==> flow/design.v <==
module storage_rtl #(
    parameter integer ENTRIES = 10,
    parameter integer DATA_WIDTH = 6,
    parameter integer AWIDTH = $clog2(ENTRIES)
) (
    input  sys_clk,
    input  clr,
    input  wr_en,
    input  [AWIDTH-1:0] waddr,
    input  [DATA_WIDTH-1:0] wd,
    input  [AWIDTH-1:0] raddr_a,
    input  [AWIDTH-1:0] raddr_b,
    output [DATA_WIDTH-1:0] dout_a,
    output [DATA_WIDTH-1:0] dout_b
);
    reg wr_en_r;
    always @(posedge sys_clk) begin
        if (clr) begin
            wr_en_r <= 1'b0;
        end else begin
            wr_en_r <= wr_en;
        end
    end
    reg [AWIDTH-1:0] waddr_r;
    always @(posedge sys_clk) begin
        if (clr) begin
            waddr_r <= 0;
        end else begin
            waddr_r <= waddr;
        end
    end
    reg [DATA_WIDTH-1:0] wd_r;
    always @(posedge sys_clk) begin
        if (clr) begin
            wd_r <= 0;
        end else begin
            wd_r <= wd;
        end
    end
    reg [DATA_WIDTH-1:0] bank [0:ENTRIES-1];
    always @(posedge sys_clk) begin
        if (wr_en_r)
            bank[waddr_r] <= wd_r;
    end
    reg [AWIDTH-1:0] raddr_a_r;
    always @(posedge sys_clk) begin
        if (clr) begin
            raddr_a_r <= 0;
        end else begin
            raddr_a_r <= raddr_a;
        end
    end
    reg [AWIDTH-1:0] raddr_b_r;
    always @(posedge sys_clk) begin
        if (clr) begin
            raddr_b_r <= 0;
        end else begin
            raddr_b_r <= raddr_b;
        end
    end
    reg [DATA_WIDTH-1:0] dout_a_r;
    always @(posedge sys_clk) begin
        if (clr) begin
            dout_a_r <= 0;
        end else begin
            dout_a_r <= (wr_en_r && waddr_r == raddr_a_r) ? wd_r : bank[raddr_a_r];
        end
    end
    assign dout_a = dout_a_r;
    reg [DATA_WIDTH-1:0] dout_b_r;
    always @(posedge sys_clk) begin
        if (clr) begin
            dout_b_r <= 0;
        end else begin
            dout_b_r <= (wr_en_r && waddr_r == raddr_b_r) ? wd_r : bank[raddr_b_r];
        end
    end
    assign dout_b = dout_b_r;
endmodule
Reports on storage_rtl
What the tools print for storage_rtl, step after step.
Lines are those of the file above, counted from 1.
Operators: Yosys type, input widths -> output width; for muxes data width and select width s.
Cell names lack the library's common part.
{ "setup": {"top_module": "storage_rtl", "clk_port": "sys_clk", "lib": "sky130hd", "pvt_corner": "tt_025C_1v80"} }

Word-level counts
Source: Yosys, flattened and elaborated, memories not mapped. Widths are those after wreduce; folded enables and synchronous resets count as part of the registers. Registers that Yosys merges into a memory's read port (data or address) are not register bits. Print and check cells do not count. Equal cells are merged and count once.
Yosys's memory passes give these memory sizes; they may raise the number of words (mostly to a power of two), join words into wider ones and drop unused or constant bits.
{ "classes": {"n_mux": 3} }
{ "ops": {"columns": ["operator", "n"], "rows": [
  ["$mux 6", 1],
  ["$mux 4", 1],
  ["$mux 1", 1]
]} }
{ "bits": {"out_inout_bits": 12, "regBits": 19, "elab_cells": 9, "memories": 1, "in_bits": 21, "mem_bits_rw": 60, "clocked_rd_ports_x_width": 12} }
{ "mem_list": {"columns": ["name", "size", "word_bits", "rd", "wr", "line", "rtl"], "rows": [
  ["bank", 10, 6, 2, 1, 40, "reg [DATA_WIDTH-1:0] bank [0:ENTRIES-1];"]
]} }

Depth
Depth = most cells in a row (Yosys ltp): at word level without a register or memory, in the mapped netlist without a sequential cell, where the memories' decode and read muxes count.
{ "logic_depth": {"depth_word": 1, "abc_area": 0, "ltp_mapped": 7, "mapped_depth_nobuf": 4} }

After synthesis
Source: synth_stat.txt of the flow (Yosys; design flattened, memories mapped). It holds for the ABC_AREA given above (unset counts as 0); a run with the other value may have another netlist.
{ "synth_totals": {"ffs": 91, "n_buf": 19, "synth_area_um2": 3905.0, "cell_count": 270, "seq_area_um2": 2422.3} }
{ "by_type": {"columns": ["type", "n"], "rows": [
  ["edfxtp_1", 60],
  ["dfxtp_1", 31],
  ["mux4_2", 13],
  ["mux2i_1", 21],
  ["nor2b_1", 24],
  ["mux2_2", 10],
  ["o221ai_1", 10],
  ["a22oi_1", 10],
  ["xnor2_1", 8],
  ["nand3_1", 11],
  ["o21ai_0", 11],
  ["mux4_1", 2],
  ["clkbuf_1", 9],
  ["nor2_1", 8],
  ["buf_2", 5],
  ["buf_6", 2],
  ["nor3_1", 4],
  ["nand2b_1", 3]
]} }
Other cell types: 17; their cells: 28.

Path before layout
Path of least setup slack by OpenSTA after synthesis, without wires, with an ideal clock, recovery checks aside; 20% of the period is set as input and as output delay. Where synthesis merged equal registers, the netlist keeps one of their names.
{ "synth_path": {"path_kind": "flip-flop to flip-flop", "from": "register wr_en_r", "to": "memory bank[0][0]", "required_ns": 1.773, "delay_ns": 1.719, "tclk_ns": 2.15, "t_first_pin_ns": 0.000, "slack_ns": 0.431, "setup_time_ns": 0.377, "path_stages": 3, "path_buffers": 0, "arrival_time_ns": 1.342, "period_less_setup_slack_ns": 1.719} }
"delay_ns" = arrival - input delay + setup time.
"path_stages": output pins that drive a net of the path, with the launching flip-flop's if there is one; two outputs of one cell count as two.
"period_less_setup_slack_ns" is the clock period less the worst setup slack; recovery checks do not enter. This is arithmetic on one report: input and output delays are still those of the set period (20% each).
Between the ends stands the longest chain of elaborated cells between them, by number of cells; it is not shown to be the way that was timed. Of several equally long chains one is given.
Each line given opens the expression or statement behind the cell; cells for indexed reads and writes are added by Yosys, which also makes memories of some case tables.
Only ways into the end's enable, where the timed path ends, are counted here.
{ "synth_between": {"path_cell_list": "dfxtp_1 > or3b_2 > nor3_1", "elab_chain_len": 1, "cone_cells": 2, "cone_classes": "mux: 2"} }
{ "synth_rtl": {"columns": ["element", "line", "rtl"], "rows": [
  ["start: declaration", 16, "reg wr_en_r;"],
  ["start: assignment", 19, "wr_en_r <= 1'b0;"],
  ["start: assignment", 21, "wr_en_r <= wr_en;"],
  ["$mux 4", 42, "if (wr_en_r)"],
  ["end: declaration", 40, "reg [DATA_WIDTH-1:0] bank [0:ENTRIES-1];"]
]} }

Timing after layout
Path of least setup slack in the final report of stored run 1 (OpenROAD, finished layout, wires in). Where an end is a register, its clock arrival counts in the times.
{ "layout_path": {"path_kind": "flip-flop to flip-flop", "from": "register raddr_b_r[1]", "to": "register dout_b_r[4]", "setup_time_ns": 0.11, "path_stages": 5, "tclk_ns": 2.15, "t_first_pin_ns": 0.36, "required_ns": 2.40, "arrival_time_ns": 2.04, "path_buffers": 0, "slack_ns": 0.36} }
{ "layout_between": {"path_cell_list": "dfxtp_1 > mux4_1 > mux4_2 > o21ai_2 > a21oi_2"} }
{ "layout_rtl": {"columns": ["element", "line", "rtl"], "rows": [
  ["start: declaration", 53, "reg [AWIDTH-1:0] raddr_b_r;"],
  ["start: assignment", 56, "raddr_b_r <= 0;"],
  ["start: assignment", 58, "raddr_b_r <= raddr_b;"],
  ["end: declaration", 70, "reg [DATA_WIDTH-1:0] dout_b_r;"]
]} }
Chain of elaborated cells between the ends: none given.

==> runs of storage_rtl <==
Measured results for storage_rtl: 2 stored runs of the Yosys and OpenROAD flow on sky130hd. The settings differ; the order carries no meaning. The constraints put input and output delay at 20% of the set period each and load the outputs with 0.01 pF.
"total power after layout": no workload was simulated; the value follows from the tool's default switching activity.

==> stored run 1: settings <==
{ "period_ns": 2.15, "CAP_MARGIN": 20, "CORE_MARGIN": 2, "CORE_UTILIZATION": 40, "SLEW_MARGIN": 20 }
==> stored run 1: results <==
standard-cell area after routing: 4,652.0 um2
smallest hold slack: 0.614 ns
total negative slack: 0.000 ns
area of the die: 10,568.9 um2
utilization after routing: 48.3 %
setup slack of the worst path: 0.358 ns
total power after layout: 3,676 µW
synthesized cell area: 3,905.0 um2

==> stored run 2: settings <==
{ "period_ns": 1.39, "CORE_UTILIZATION": 61, "SETUP_SLACK_MARGIN": 0.24, "CORE_ASPECT_RATIO": 1.32, "GPL_TIMING_DRIVEN": 1, "CTS_CLUSTER_SIZE": 42, "CAP_MARGIN": 30, "CORE_MARGIN": 2, "SLEW_MARGIN": 20 }
==> stored run 2: results <==
standard-cell area after routing: 4,999.8 um2
smallest hold slack: 0.446 ns
total negative slack: -1.379 ns
area of the die: 7,063.9 um2
utilization after routing: 80.7 %
setup slack of the worst path: -0.202 ns
total power after layout: 5,482 µW
synthesized cell area: 3,905.0 um2
